==> flow/design.v <==
module times_n #(
  parameter integer BITS = 22
) (
  input  clk,
  input  rst_n,
  input  [BITS-1:0] lhs_i,
  output [2*BITS-1:0] out_o
);
  reg [2*BITS-1:0] out_s;
  always @(posedge clk or negedge rst_n) begin
    if (!rst_n) begin
      out_s <= 0;
    end else begin
      out_s <= lhs_i * lhs_i;
    end
  end
  assign out_o = out_s;
endmodule
# --- Step by step through the tools: times_n ---
# What the tools print for times_n, step after step.
# Lines are those of the file above, counted from 1.
# Operators: Yosys type, input widths -> output width; for muxes data width and select width s.
# Cell names lack the library's common part.
inputs:
  top: "times_n"
  clock_port: "clk"
  library: "sky130hd"
  pvt_corner: "tt_025C_1v80"

# --- After elaboration ---
# Yosys after proc, flatten, opt, wreduce and memory -nomap, before mapping. Enables and synchronous resets that opt folds into registers are not counted as muxes. Memory bits, and registers merged into a memory's read port (data or address), are not among the register bits. Print and check cells are not counted. Equal cells are merged and count once.
word_totals:
  word_cells: 2
  regBits: 44
  out_inout_bits: 44
op_classes:
  mul: 1
ops:
  columns: ["op", "n"]
  rows:
  - ["$mul 22x22->44", 1]

# --- Longest topological paths ---
# Longest topological path by Yosys (ltp), each cell counted once; first at word level (registers and memories cut), then after technology mapping (sequential cells cut; the memories' decode and read muxes count).
logic_depth:
  depth_word: 1
  abc_area: 0
  mapped_depth: 25

# --- After synthesis ---
# Yosys stat after the flow's synthesis: flattened, memories mapped to cells. It holds for the ABC_AREA given above (unset counts as 0); a run with the other value may have another netlist.
# Totals and module areas in this step are rounded.
synth_totals:
  area_um2: 15100
  ffs: 43
  cells: 1617
by_type:
  columns: ["cell_type", "n", "area_total_um2"]
  rows:
  - ["fa_1", 341, 6.83E+03]
  - ["ha_1", 164, 2.05E+03]
  - ["inv_1", 444, 1.67E+03]
  - ["dfrtp_1", 43, 1.08E+03]
  - ["nand2_1", 157, 589.315]
  - ["and2_1", 94, 588.064]
  - ["xnor2_1", 30, 262.752]
  - ["a21oi_1", 51, 255.245]
  - ["clkbuf_1", 55, 206.448]
  - ["xor2_1", 23, 201.443]
  - ["a21o_1", 18, 135.13]
  - ["nor2_1", 33, 123.869]
  - ["o21ai_0", 23, 115.11]
  - ["nand4_1", 14, 87.584]
  - ["nor3_1", 12, 60.058]
  - ["o21bai_1", 7, 52.55]
  - ["nor2b_1", 8, 50.048]
  - ["and3_1", 7, 43.792]
# Not listed: further types 41, cells in them 93.

# --- Path before layout ---
# Source: OpenSTA report_checks on the synthesized netlist (no wires, ideal clock, input and output delay 20% of the period each), path of least setup slack; recovery checks are left aside. Register names are those of the netlist, which keeps one name where synthesis merged equal registers.
synth_timing:
  path_kind: "input to register"
  start: "input port lhs_i[7]"
  end: "register out_s[32]"
  path_buffers: 3
  slack_ps: 1529
  arrival_ps: 7922
  stages: 23
  launch_ps: 1910
  delay_ps: 6111
  required_ps: 9451
  period_ps: 9550
  setup_ps: 99
  synth_period_reached_ps: 8021
# "delay_ps" = arrival - input delay + setup time.
# "stages" counts driving pins, that of a launching flip-flop among them; a cell with two outputs on the path counts twice.
# "synth_period_reached_ps" is the clock period less the worst setup slack; recovery checks do not enter. This is arithmetic on one report: input and output delays are still those of the set period (20% each).
# Between the ends stands the longest chain of elaborated cells between them, by number of cells; it is not shown to be the way that was timed. Of several equally long chains one is given.
# A line is the first line of the expression or statement that the cell stems from. Yosys adds cells for indexed reads and writes and turns some case tables into memories.
synth_via:
  cell_sequence: "clkbuf_1 > clkbuf_1 > nand2_1 > fa_1 > inv_1 > fa_1 > inv_1 > fa_1 > inv_1 > fa_1 > fa_1 > fa_1 > inv_1 > fa_1 > inv_1 > ha_1 > buf_2 > a21oi_1 > o21ai_1 > a221oi_2 > o221ai_1 > mux2_2 > a311oi_1"
  elab_chain_cells: 1
  cone_cells: 1
  lines_between: 1
  classes_between: "1 x mul"
synth_lines:
  columns: ["item", "line_no", "text"]
  rows:
  - ["from (decl)", 6, "input  [BITS-1:0] lhs_i,"]
  - ["$mul 22x22->44", 14, "out_s <= lhs_i * lhs_i;"]
  - ["to (assign)", 12, "out_s <= 0;"]
  - ["to (assign)", 14, null]
  - ["to (decl)", 9, "reg [2*BITS-1:0] out_s;"]

# --- Timing after layout ---
# From the final timing report of run 1: the path of least setup slack in the routed layout; clock arrival at registers is part of the times.
# The path's times are printed in steps of 10 ps; the period is the one set.
layout_timing:
  path_kind: "input to register"
  start: "input port lhs_i[8]"
  end: "register out_s[32]"
  arrival_ps: 9960
  slack_ps: 2530
  required_ps: 12490
  launch_ps: 2460
  path_buffers: 1
  setup_ps: 90
  period_ps: 12300
  stages: 21
# Between the ends stands the longest chain of elaborated cells between them, by number of cells; it is not shown to be the way that was timed. Of several equally long chains one is given.
layout_via:
  cell_sequence: "dlymetal6s2s_1 > inv_1 > nor2_1 > inv_1 > fa_1 > fa_1 > fa_1 > inv_1 > fa_1 > fa_1 > fa_1 > inv_1 > fa_1 > inv_1 > ha_1 > a21oi_1 > o21ai_1 > a221oi_2 > o221ai_1 > mux2_2 > a311oi_1"
  elab_chain_cells: 1
  cone_cells: 1
  lines_between: 1
  classes_between: "1 x mul"
layout_lines:
  columns: ["item", "line_no", "text"]
  rows:
  - ["from (decl)", 6, "input  [BITS-1:0] lhs_i,"]
  - ["$mul 22x22->44", 14, "out_s <= lhs_i * lhs_i;"]
  - ["to (assign)", 12, "out_s <= 0;"]
  - ["to (assign)", 14, null]
  - ["to (decl)", 9, "reg [2*BITS-1:0] out_s;"]

Add stored flow runs of times_n

Below are 3 stored runs of the flow (Yosys, OpenROAD; platform sky130hd) on times_n, each with its settings and what was measured, unordered. Constraints: input delay and output delay 20% of the set period each, output load 0.01 pF.
"period_less_ws_ps": clock period set for the run, less the worst setup slack. It is reckoned from that one timing run; input and output delays stay at 20% of the period that was set.
Measured values are rounded.

--- run 1 ---
==> flow/run.sh <==
#!/bin/bash
# the make line also repeats the synthesis and layout settings of config.mk as NAME=value (left out here)
make -C /OpenROAD-flow-scripts/flow DESIGN_CONFIG=/design/flow/config.mk WORK_HOME=/design/flow/orfs CLKGATE_MAP_FILE= finish
==> flow/config.mk <==
export PLATFORM = sky130hd
export DESIGN_NAME = times_n
export DESIGN_NICKNAME = times_n
export VERILOG_FILES = /design/flow/design.v
export SDC_FILE = /design/flow/constraint.sdc
export NUM_CORES = 4
export LEC_CHECK = 0
export CAP_MARGIN = 20
export CELL_PAD_IN_SITES_DETAIL_PLACEMENT = 2
export CORE_MARGIN = 2
export CORE_UTILIZATION = 45
export MIN_ROUTING_LAYER = met1
export PLACE_DENSITY = 0.36
export SETUP_SLACK_MARGIN = 2.13
export SLEW_MARGIN = 25
export TNS_END_PERCENT = 95
==> flow/constraint.sdc <==
create_clock -name core_clock -period 12.3 [get_ports {clk}]
set_input_delay 2.4600 -clock core_clock [delete_from_list [all_inputs] [get_ports {clk}]]
set_output_delay 2.4600 -clock core_clock [all_outputs]
set_load 0.01 [all_outputs]

==> results, as YAML <==
results:
  yosys.chip_area_um2: 15100
  die_um2: 35000
  finish.utilization_pct: 49.1
  worst_setup_slack_ps: 2530
  period_less_ws_ps: 9774

--- run 2 ---
==> flow/run.sh <==
#!/bin/bash
# the make line also repeats the synthesis and layout settings of config.mk as NAME=value (left out here)
make -C /OpenROAD-flow-scripts/flow DESIGN_CONFIG=/design/flow/config.mk WORK_HOME=/design/flow/orfs CLKGATE_MAP_FILE= finish
==> flow/config.mk <==
export PLATFORM = sky130hd
export DESIGN_NAME = times_n
export DESIGN_NICKNAME = times_n
export VERILOG_FILES = /design/flow/design.v
export SDC_FILE = /design/flow/constraint.sdc
export NUM_CORES = 4
export LEC_CHECK = 0
export CAP_MARGIN = 20
export CORE_MARGIN = 2
export CORE_UTILIZATION = 40
export SLEW_MARGIN = 20
==> flow/constraint.sdc <==
create_clock -name core_clock -period 9.55 [get_ports {clk}]
set_input_delay 1.9100 -clock core_clock [delete_from_list [all_inputs] [get_ports {clk}]]
set_output_delay 1.9100 -clock core_clock [all_outputs]
set_load 0.01 [all_outputs]

==> results, as YAML <==
results:
  yosys.chip_area_um2: 15100
  die_um2: 39300
  finish.utilization_pct: 44.2
  worst_setup_slack_ps: 770
  period_less_ws_ps: 8780

--- run 3 ---
==> flow/run.sh <==
#!/bin/bash
# the make line also repeats the synthesis and layout settings of config.mk as NAME=value (left out here)
make -C /OpenROAD-flow-scripts/flow DESIGN_CONFIG=/design/flow/config.mk WORK_HOME=/design/flow/orfs CLKGATE_MAP_FILE= finish
==> flow/config.mk <==
export PLATFORM = sky130hd
export DESIGN_NAME = times_n
export DESIGN_NICKNAME = times_n
export VERILOG_FILES = /design/flow/design.v
export SDC_FILE = /design/flow/constraint.sdc
export NUM_CORES = 4
export LEC_CHECK = 0
export ABC_AREA = 0
export CAP_MARGIN = 20
export CELL_PAD_IN_SITES_DETAIL_PLACEMENT = 1
export CELL_PAD_IN_SITES_GLOBAL_PLACEMENT = 2
export CORE_ASPECT_RATIO = 1.05
export CORE_MARGIN = 2
export CORE_UTILIZATION = 20
export CTS_CLUSTER_DIAMETER = 67
export CTS_CLUSTER_SIZE = 98
export HOLD_SLACK_MARGIN = 0.1
export MIN_ROUTING_LAYER = met2
export PLACE_DENSITY_LB_ADDON = 0.22
export SLEW_MARGIN = 20
export TNS_END_PERCENT = 95
==> flow/constraint.sdc <==
create_clock -name core_clock -period 5.08 [get_ports {clk}]
set_input_delay 1.0160 -clock core_clock [delete_from_list [all_inputs] [get_ports {clk}]]
set_output_delay 1.0160 -clock core_clock [all_outputs]
set_load 0.01 [all_outputs]

==> results, as YAML <==
results:
  yosys.chip_area_um2: 15100
  die_um2: 77700
  finish.utilization_pct: 30.7
  worst_setup_slack_ps: -1630
  period_less_ws_ps: 6712
